==> flow/design.v <==
module pp_row #(parameter N = 4) (
  input wire [N-1:0] a,
  input wire sel,
  input wire [N-1:0] pin,
  output wire [N:0] pout
);
  assign pout = pin + (a & {N{sel}});
endmodule
module gen_times #(
  parameter integer WD = 4
) (
  input CLK,
  input [WD-1:0] i_op_a,
  input [WD-1:0] i_op_b,
  output reg [2*WD-1:0] o_q
);
  reg [WD-1:0] op_a_reg;
  always @(posedge CLK)
    op_a_reg <= i_op_a;
  reg [WD-1:0] op_b_reg;
  always @(posedge CLK)
    op_b_reg <= i_op_b;
  wire [WD:0] nd [0:WD];
  wire [WD-1:0] low;
  assign nd[0] = 0;
  genvar ii;
  generate
    for (ii = 0; ii < WD; ii = ii + 1) begin : g_bit
      pp_row #(.N(WD)) el (.a(op_a_reg), .sel(op_b_reg[ii]), .pin(nd[ii][WD:1]), .pout(nd[ii+1]));
      assign low[ii] = nd[ii+1][0];
    end
  endgenerate
  always @(posedge CLK)
    o_q <= {nd[WD][WD:1], low};
endmodule
======== Tool chain data of gen_times ========
Tool output for the members of one design family, told apart by "WD", in the order of the flow.
The file above is the member WD=4. Line numbers count from 1 in each member's own file.
Operators: Yosys type, input widths -> output width; for muxes data width and select width s.
Library cell names are shortened.
A cell with n/a has no value.
inputs
  design top .............................. gen_times
  clock ................................... CLK
  standard-cell library ................... sky130hd
  timing corner ........................... tt_025C_1v80

======== Members of the sweep ========
New or changed lines of each further member against the RTL above, in its own file; lines it lacks are not shown.
lines new or changed
  WD  line  RTL
  5   10    parameter integer WD = 5
  6   10    parameter integer WD = 6
  10  10    parameter integer WD = 10
  20  10    parameter integer WD = 20

======== After elaboration ========
Yosys after proc, flatten, opt, wreduce and memory -nomap, before mapping. Enables and synchronous resets that opt folds into registers are not counted as muxes. Memory bits, and registers merged into a memory's read port (data or address), are not among the register bits. Print and check cells are not counted. Equal cells are merged and count once.
storage and ports
  WD  register bits after elaboration  input bits  output and inout port bits  word-level cells
  4   16                               9           8                           10
  5   20                               11          10                          12
  6   24                               13          12                          14
  10  40                               21          20                          22
  20  80                               41          40                          42
cells by class
  WD  add/sub/neg operators  bitwise logic cells
  4   3                      4
  5   4                      5
  6   5                      6
  10  9                      10
  20  19                     20
operators with widths
  WD  kind and count
  4   4 x $and 4x4->4; 2 x $add 4x5->5; 1 x $add 3x5->5
  5   5 x $and 5x5->5; 3 x $add 5x6->6; 1 x $add 4x6->6
  6   6 x $and 6x6->6; 4 x $add 6x7->7; 1 x $add 5x7->7
  10  10 x $and 10x10->10; 8 x $add 10x11->11; 1 x $add 9x11->11
  20  20 x $and 20x20->20; 18 x $add 20x21->21; 1 x $add 19x21->21

======== Longest topological paths ========
Yosys ltp: most cells in a row. Word level: on the elaborated netlist, between registers, memories and ports. Mapped: between sequential cells and ports; inverters and the memories' decode and read muxes count.
depth
  WD  word-level depth  ABC_AREA  depth in mapped cells
  4   4                 0         12
  5   5                 0         17
  6   6                 0         25
  10  10                0         49
  20  20                0         117

======== Netlist ========
The flow's flattened synthesis, as Yosys stat reports it; memories are mapped. The netlist is that of the ABC_AREA named above (0 if unset); the other value can give another one.
The area totals of this step are shown rounded.
cell types
  WD  types with counts
  4   16 x dfxtp_1; 11 x ha_1; 13 x and2_1; 3 x fa_1; 7 x a21o_1; 3 x a21oi_2; 3 x xnor2_1; 3 x xor2_1; 5 x inv_1; 3 x nand2_1; 1 x a21oi_1; 1 x nor2_1
  5   20 x dfxtp_1; 20 x ha_1; 23 x and2_1; 4 x fa_1; 8 x xnor2_1; 8 x a21oi_1; 4 x xor2_1; 4 x a21o_1; 6 x nor2_1; 2 x a211o_1; 4 x inv_1; 2 x o211ai_1; 1 x a211oi_2; 3 x nand2_1; 2 x nand3_1; 2 x o21ai_0; 2 x o21ai_1; 1 x and3_1; 1 x nand2b_1
  6   24 x dfxtp_1; 29 x ha_1; 33 x and2_1; 12 x xnor2_1; 5 x fa_1; 13 x o21ai_0; 5 x a211oi_2; 7 x a21o_1; 10 x a21oi_1; 5 x o21bai_1; 4 x xor2_1; 4 x a211oi_1; 8 x inv_1; 3 x a21oi_2; 4 x nand2b_1; 6 x nor2_1; 2 x o31a_1; 2 x o21a_1; [+9]
  10  90 x ha_1; 40 x dfxtp_1; 103 x and2_1; 53 x xnor2_1; 56 x a21oi_1; 24 x a21o_1; 9 x fa_1; 19 x xor2_1; 5 x a2111oi_4; 34 x inv_1; 23 x o21ai_0; 26 x nand2_1; 14 x and3_1; 9 x a21oi_2; 10 x nor2b_1; 5 x and3_4; 9 x nand2b_1; 5 x o21bai_2; [+59]
  20  379 x ha_1; 388 x and2_1; 225 x xnor2_1; 80 x dfxtp_1; 267 x a21oi_1; 149 x a21o_1; 77 x xor2_1; 168 x nor2_1; 151 x inv_1; 148 x nand2_1; 19 x fa_1; 49 x o21a_1; 72 x o21ai_0; 47 x o21bai_1; 92 x clkbuf_1; 66 x o21ai_1; 46 x nor2b_1; 38 x nand2b_1; [+404]
The mark [+n] counts cells that are not listed.
synthesis totals
  WD  cell count  chip area (Yosys) (sq um)  mapped flip-flops
  4   69          769                        16
  5   117         1190                       20
  6   185         1770                       24
  10  593         5110                       40
  20  2865        21200                      80
The figures by module come from a second, unflattened synthesis with its own total; it is not the netlist above.
unflattened totals
  WD  cells (unflattened synthesis)  area (unflattened synthesis) (sq um)
  4   97                             960
  5   131                            1360
  6   229                            2150
  10  681                            5680
  20  3821                           27200

======== Timing after synthesis ========
Path of least setup slack by OpenSTA after synthesis, without wires, with an ideal clock, recovery checks aside; 20% of the period is set as input and as output delay. Where synthesis merged equal registers, the netlist keeps one of their names.
timing after synthesis
  WD  path type             from                  to                period (ns)  path slack (ns)  stages on the path  path delay (ns)  synthesis period reached (ns)
  4   register -> register  register op_a_reg[1]  register o_q[7]   3.6          0.720            12                  2.880            2.88
  5   register -> register  register op_a_reg[1]  register o_q[9]   4.45         0.892            16                  3.558            3.558
  6   register -> register  register op_a_reg[1]  register o_q[11]  5.76         1.150            19                  4.610            4.61
  10  register -> register  register op_a_reg[1]  register o_q[17]  12.6         2.522            45                  10.078           10.078
  20  register -> register  register op_a_reg[1]  register o_q[39]  25.1         5.050            111                 20.050           20.05
"path delay" = arrival - input delay + setup time.
"stages on the path" counts driving pins, that of a launching flip-flop among them; a cell with two outputs on the path counts twice.
"synthesis period reached" = period - worst setup slack (recovery checks aside). The figure is calculated, with input and output delays left at 20% of the set period.
Between the ends stands the longest chain of elaborated cells between them, by number of cells; it is not shown to be the way that was timed. Of several equally long chains one is given.
Each line given opens the expression or statement behind the cell; cells for indexed reads and writes are added by Yosys, which also makes memories of some case tables.
on the way, after synthesis, WD=4
  length of the longest elaborated chain .. 4
RTL lines, path after synthesis, WD=4
  item                      line  RTL
  start: declaration        17    reg [WD-1:0] op_a_reg;
  start: assignment         19    op_a_reg <= i_op_a;
  $and 4x4->4               7     assign pout = pin + (a & {N{sel}});
  $add 3x5->5               7
  $add 4x5->5 (2 in a row)  7
  end: assignment           34    o_q <= {nd[WD][WD:1], low};
  end: declaration          15    output reg [2*WD-1:0] o_q
on the way, after synthesis, WD=20
  length of the longest elaborated chain .. 20
RTL lines, path after synthesis, WD=20
  item                          line  RTL
  start: declaration            17    reg [WD-1:0] op_a_reg;
  start: assignment             19    op_a_reg <= i_op_a;
  $and 20x20->20                7     assign pout = pin + (a & {N{sel}});
  $add 19x21->21                7
  $add 20x21->21 (18 in a row)  7
  end: assignment               34    o_q <= {nd[WD][WD:1], low};
  end: declaration              15    output reg [2*WD-1:0] o_q

======== Worst path after layout ========
Path of least setup slack in the final report of each member's run (OpenROAD, finished layout, wires in). Where an end is a register, its clock arrival counts in the times.
timing post-layout
  WD  path type             from                  to                period (ns)  path slack (ns)  stages on the path  data arrival time (ns)
  4   register -> register  register op_b_reg[0]  register o_q[7]   3.6          0.55             12                  3.23
  5   register -> register  register op_b_reg[1]  register o_q[7]   4.45         0.57             17                  4.12
  6   register -> register  register op_a_reg[1]  register o_q[11]  5.76         0.72             19                  5.21
  10  register -> register  register op_a_reg[1]  register o_q[17]  12.6         1.61             44                  11.21
  20  register -> register  register op_a_reg[1]  register o_q[39]  25.1         2.29             108                 23.08

======== Layout results ========
One run of the flow (Yosys, OpenROAD) for each member, with settings and measured results. Input and output delays are each 20% of the period that was set; the output load is 0.01 pF.
flow settings
  CAP_MARGIN .............................. 20
  CORE_MARGIN ............................. 2
  CORE_UTILIZATION ........................ 40
  SLEW_MARGIN ............................. 20
settings that differ
  WD  period_ns
  4   3.6
  5   4.45
  6   5.76
  10  12.6
  20  25.1
results
  WD  area of the synthesized netlist (sq um)  die outline area (sq um)  standard-cell area after routing (sq um)  final utilization  worst setup slack after layout (ns)  total negative setup slack (ns)  post-route worst hold slack (ns)  clock period reached (ns)
  4   769                                      2290                      983                                       0.557              0.550                                0.000                            0.520                             3.050
  5   1190                                     3420                      1480                                      0.531              0.572                                0.000                            0.548                             3.878
  6   1770                                     4980                      2150                                      0.497              0.723                                0.000                            0.539                             5.037
  10  5110                                     13700                     5890                                      0.469              1.61                                 0.000                            0.589                             10.988
  20  21200                                    54800                     22900                                     0.436              2.29                                 0.000                            0.799                             22.813
By "clock period reached" is meant the clock period of the run minus its worst setup slack. This is arithmetic on one report: input and output delays are still those of the set period (20% each).
Results are given in rounded form.
